==> flow/design.v <==
module dp_sel_unit_p #(
  parameter DATA_W = 3,
  parameter WAYS = 10,
  parameter LOGN = $clog2(WAYS)
) (
  input  wire clk_i,
  input  wire [WAYS*DATA_W-1:0] in_d,
  input  wire [LOGN-1:0] in_addr,
  output reg [DATA_W-1:0] out_res
);
  reg [WAYS*DATA_W-1:0] d_s;
  reg [LOGN-1:0] addr_s;
  always @(posedge clk_i) begin
    d_s <= in_d;
    addr_s <= in_addr;
  end
  wire [WAYS-1:0] hot = {{(WAYS-1){1'b0}}, 1'b1} << addr_s;
  reg [DATA_W-1:0] val;
  integer idx;
  always @* begin
    val = 0;
    for (idx = 0; idx < WAYS; idx = idx + 1)
      val = val | (d_s[idx*DATA_W +: DATA_W] & {DATA_W{hot[idx]}});
  end
  always @(posedge clk_i) begin
    out_res <= val;
  end
endmodule
* Step by step through the tools: dp_sel_unit_p
What the tools print for dp_sel_unit_p, step after step. Lines are those of the file above, counted from 1. Library cell names are shortened. The mark n/a stands for no value.
Set-up: design top dp_sel_unit_p, clock input clk_i, cell library sky130hd, corner tt_025C_1v80

* After elaboration
Counts by Yosys on the flattened word-level netlist (proc, flatten, opt, wreduce; memories kept). Register bits leave out memories and registers merged into their read ports (data or address); mux counts leave out enables and synchronous resets folded into registers. Print and check cells are left out. Cells with the same type and inputs are merged into one.
Bit counts: register bits after elaboration 37, output and inout port bits 3
Cells by class: shift-type cells 1, bitwise logic cells 19
Operator list (number):
- 3-bit bitwise AND | 10
- 3-bit OR | 9
- 1-bit by 4-bit << shifter with 10-bit output with constant A | 1

* Logic depth
Yosys ltp: most cells in a row. Word level: on the elaborated netlist, between registers, memories and ports. Mapped: between sequential cells and ports; inverters and the memories' decode and read muxes count.
Depth: depth in word-level cells 11, ABC_AREA 0, gate-level depth with buffers 5, mapped depth without buffers 4

* Netlist
Source: synth_stat.txt of the flow (Yosys; design flattened, memories mapped). It holds for the ABC_AREA given above (unset counts as 0); a run with the other value may have another netlist. The area totals of this step are shown rounded.
Cells by type:
- dfxtp_1 | number 37, total area 740.71 µm²
- mux2i_1 | number 4, total area 40.038 µm²
- and2b_1 | number 3, total area 22.522 µm²
- buf_6 | number 2, total area 22.522 µm²
- nand3_1 | number 4, total area 20.019 µm²
- a22oi_1 | number 2, total area 15.014 µm²
- mux2_4 | number 1, total area 15.014 µm²
- nand2_1 | number 4, total area 15.014 µm²
- o21ai_0 | number 3, total area 15.014 µm²
- or4_1 | number 2, total area 15.014 µm²
- a22oi_2 | number 1, total area 12.512 µm²
- and4bb_2 | number 1, total area 12.512 µm²
- nor3b_2 | number 1, total area 12.512 µm²
- and2b_4 | number 1, total area 10.01 µm²
- and3b_2 | number 1, total area 10.01 µm²
- a21oi_2 | number 1, total area 8.758 µm²
- a221oi_1 | number 1, total area 8.758 µm²
- a22o_1 | number 1, total area 8.758 µm²
Other cell types: 13; their cells: 14.
Mapped netlist: mapped cells 84, cell area after synthesis 0.0011 mm², flip-flop cells 37, buffer cells 3

* Path before layout
OpenSTA on the mapped netlist: ideal clock, no wires. The path of least setup slack (recovery checks aside). Input and output delay are each 20% of the period. Register names are those of the netlist, which keeps one name where synthesis merged equal registers.
Path after synthesis: path type reg-to-reg, from register addr_s[0], to register out_res[1], clock period 1780 ps, library setup time 134 ps, time at the first pin 0 ps, data arrival time 1294 ps, required time 1646 ps, slack 351 ps, path delay 1428 ps, stages 5, path buffers 1, period reached after synthesis 1429 ps
"path delay" is the arrival time less input delay plus setup time. "stages": output pins that drive a net of the path, with the launching flip-flop's if there is one; two outputs of one cell count as two. "period reached after synthesis" = period - worst setup slack (recovery checks aside). The figure is calculated, with input and output delays left at 20% of the set period. The rows between start and end are the longest chain of elaborated cells between them; the timing report does not say that the signal goes this way. Where chains are equally long, one stands for them. Each line given opens the expression or statement behind the cell; cells for indexed reads and writes are added by Yosys, which also makes memories of some case tables.
Between the ends, after synthesis: cell sequence dfxtp_1 clkbuf_4 mux2i_1 nor2_1 or4_1, length of the longest elaborated chain 11
RTL lines, path after synthesis:
- start: declaration | RTL line 12 | reg [LOGN-1:0] addr_s;
- start: assignment | RTL line 15 | addr_s <= in_addr;
- 1-bit by 4-bit << shifter with 10-bit output | RTL line 17 | wire [WAYS-1:0] hot = {{(WAYS-1){1'b0}}, 1'b1} << addr_s;
- 3-bit bitwise AND | RTL line 23 | val = val | (d_s[idx*DATA_W +: DATA_W] & {DATA_W{hot[idx]}});
- 3-bit OR x9 | RTL line 23
- end: assignment | RTL line 26 | out_res <= val;
- end: declaration | RTL line 9 | output reg [DATA_W-1:0] out_res

* Path in the finished layout
From the final timing report of job 1: the path of least setup slack in the routed layout; clock arrival at registers is part of the times. The path's times are printed in steps of 10 ps; the period is the one set.
Path after layout: path type reg-to-reg, from register addr_s[2], to register out_res[1], clock period 2430 ps, library setup time 120 ps, time at the first pin 330 ps, data arrival time 1930 ps, required time 2640 ps, slack 700 ps, stages 5, path buffers 0
The rows between start and end are the longest chain of elaborated cells between them; the timing report does not say that the signal goes this way. Where chains are equally long, one stands for them.
Between the ends, after layout: cell sequence dfxtp_1 and2b_1 a22oi_1 nor2b_1 or4_1, length of the longest elaborated chain 11
RTL lines, path after layout:
- start: declaration | RTL line 12 | reg [LOGN-1:0] addr_s;
- start: assignment | RTL line 15 | addr_s <= in_addr;
- 1-bit by 4-bit << shifter with 10-bit output | RTL line 17 | wire [WAYS-1:0] hot = {{(WAYS-1){1'b0}}, 1'b1} << addr_s;
- 3-bit bitwise AND | RTL line 23 | val = val | (d_s[idx*DATA_W +: DATA_W] & {DATA_W{hot[idx]}});
- 3-bit OR x9 | RTL line 23
- end: assignment | RTL line 26 | out_res <= val;
- end: declaration | RTL line 9 | output reg [DATA_W-1:0] out_res

Appendix: measured runs

Stored flow runs of dp_sel_unit_p (3 of them; Yosys, OpenROAD, sky130hd). They differ in their settings and are not a sequence. Constraints: input delay and output delay 20% of the set period each, output load 0.01 pF.
"achieved clock period" = clock period - worst setup slack. The figure is calculated, with input and output delays left at 20% of the set period.
"worst setup path time" is the time allowed to the run's worst setup path (the clock period less input and output delay, where it has them) less its slack. Clock arrival times count: a late capture clock shortens it, a late launch clock lengthens it.
"worst setup path time" is known to 10 ps.
Measured values are rounded.
[job 1] settings: period_ns=2.43, CORE_UTILIZATION=39, HOLD_SLACK_MARGIN=0.17, CELL_PAD_IN_SITES_GLOBAL_PLACEMENT=0, GPL_ROUTABILITY_DRIVEN=0, CTS_CLUSTER_SIZE=90, CAP_MARGIN=40, SLEW_MARGIN=0, CORE_MARGIN=2
[job 1] result: chip area after synthesis (Yosys) 0.0011 mm², die area 0.0033 mm², standard-cell area of the final layout 0.0015 mm², worst setup slack after layout 700 ps, achieved clock period 1728 ps, worst setup path time 1730 ps, worst setup path kind reg-to-reg
[job 2] settings: period_ns=1.06, CORE_UTILIZATION=28, SETUP_SLACK_MARGIN=0.15, CORE_MARGIN=6, CELL_PAD_IN_SITES_GLOBAL_PLACEMENT=3, CELL_PAD_IN_SITES_DETAIL_PLACEMENT=2, GPL_TIMING_DRIVEN=1, SLEW_MARGIN=0, MIN_ROUTING_LAYER=met2, CAP_MARGIN=20
[job 2] result: chip area after synthesis (Yosys) 0.0011 mm², die area 0.0056 mm², standard-cell area of the final layout 0.0018 mm², worst setup slack after layout -430 ps, achieved clock period 1494 ps, worst setup path time 1490 ps, worst setup path kind reg-to-reg
[job 3] settings: period_ns=1.78, CAP_MARGIN=20, CORE_MARGIN=2, CORE_UTILIZATION=40, SLEW_MARGIN=20
[job 3] result: chip area after synthesis (Yosys) 0.0011 mm², die area 0.0032 mm², standard-cell area of the final layout 0.0016 mm², worst setup slack after layout 110 ps, achieved clock period 1674 ps, worst setup path time 1670 ps, worst setup path kind reg-to-reg
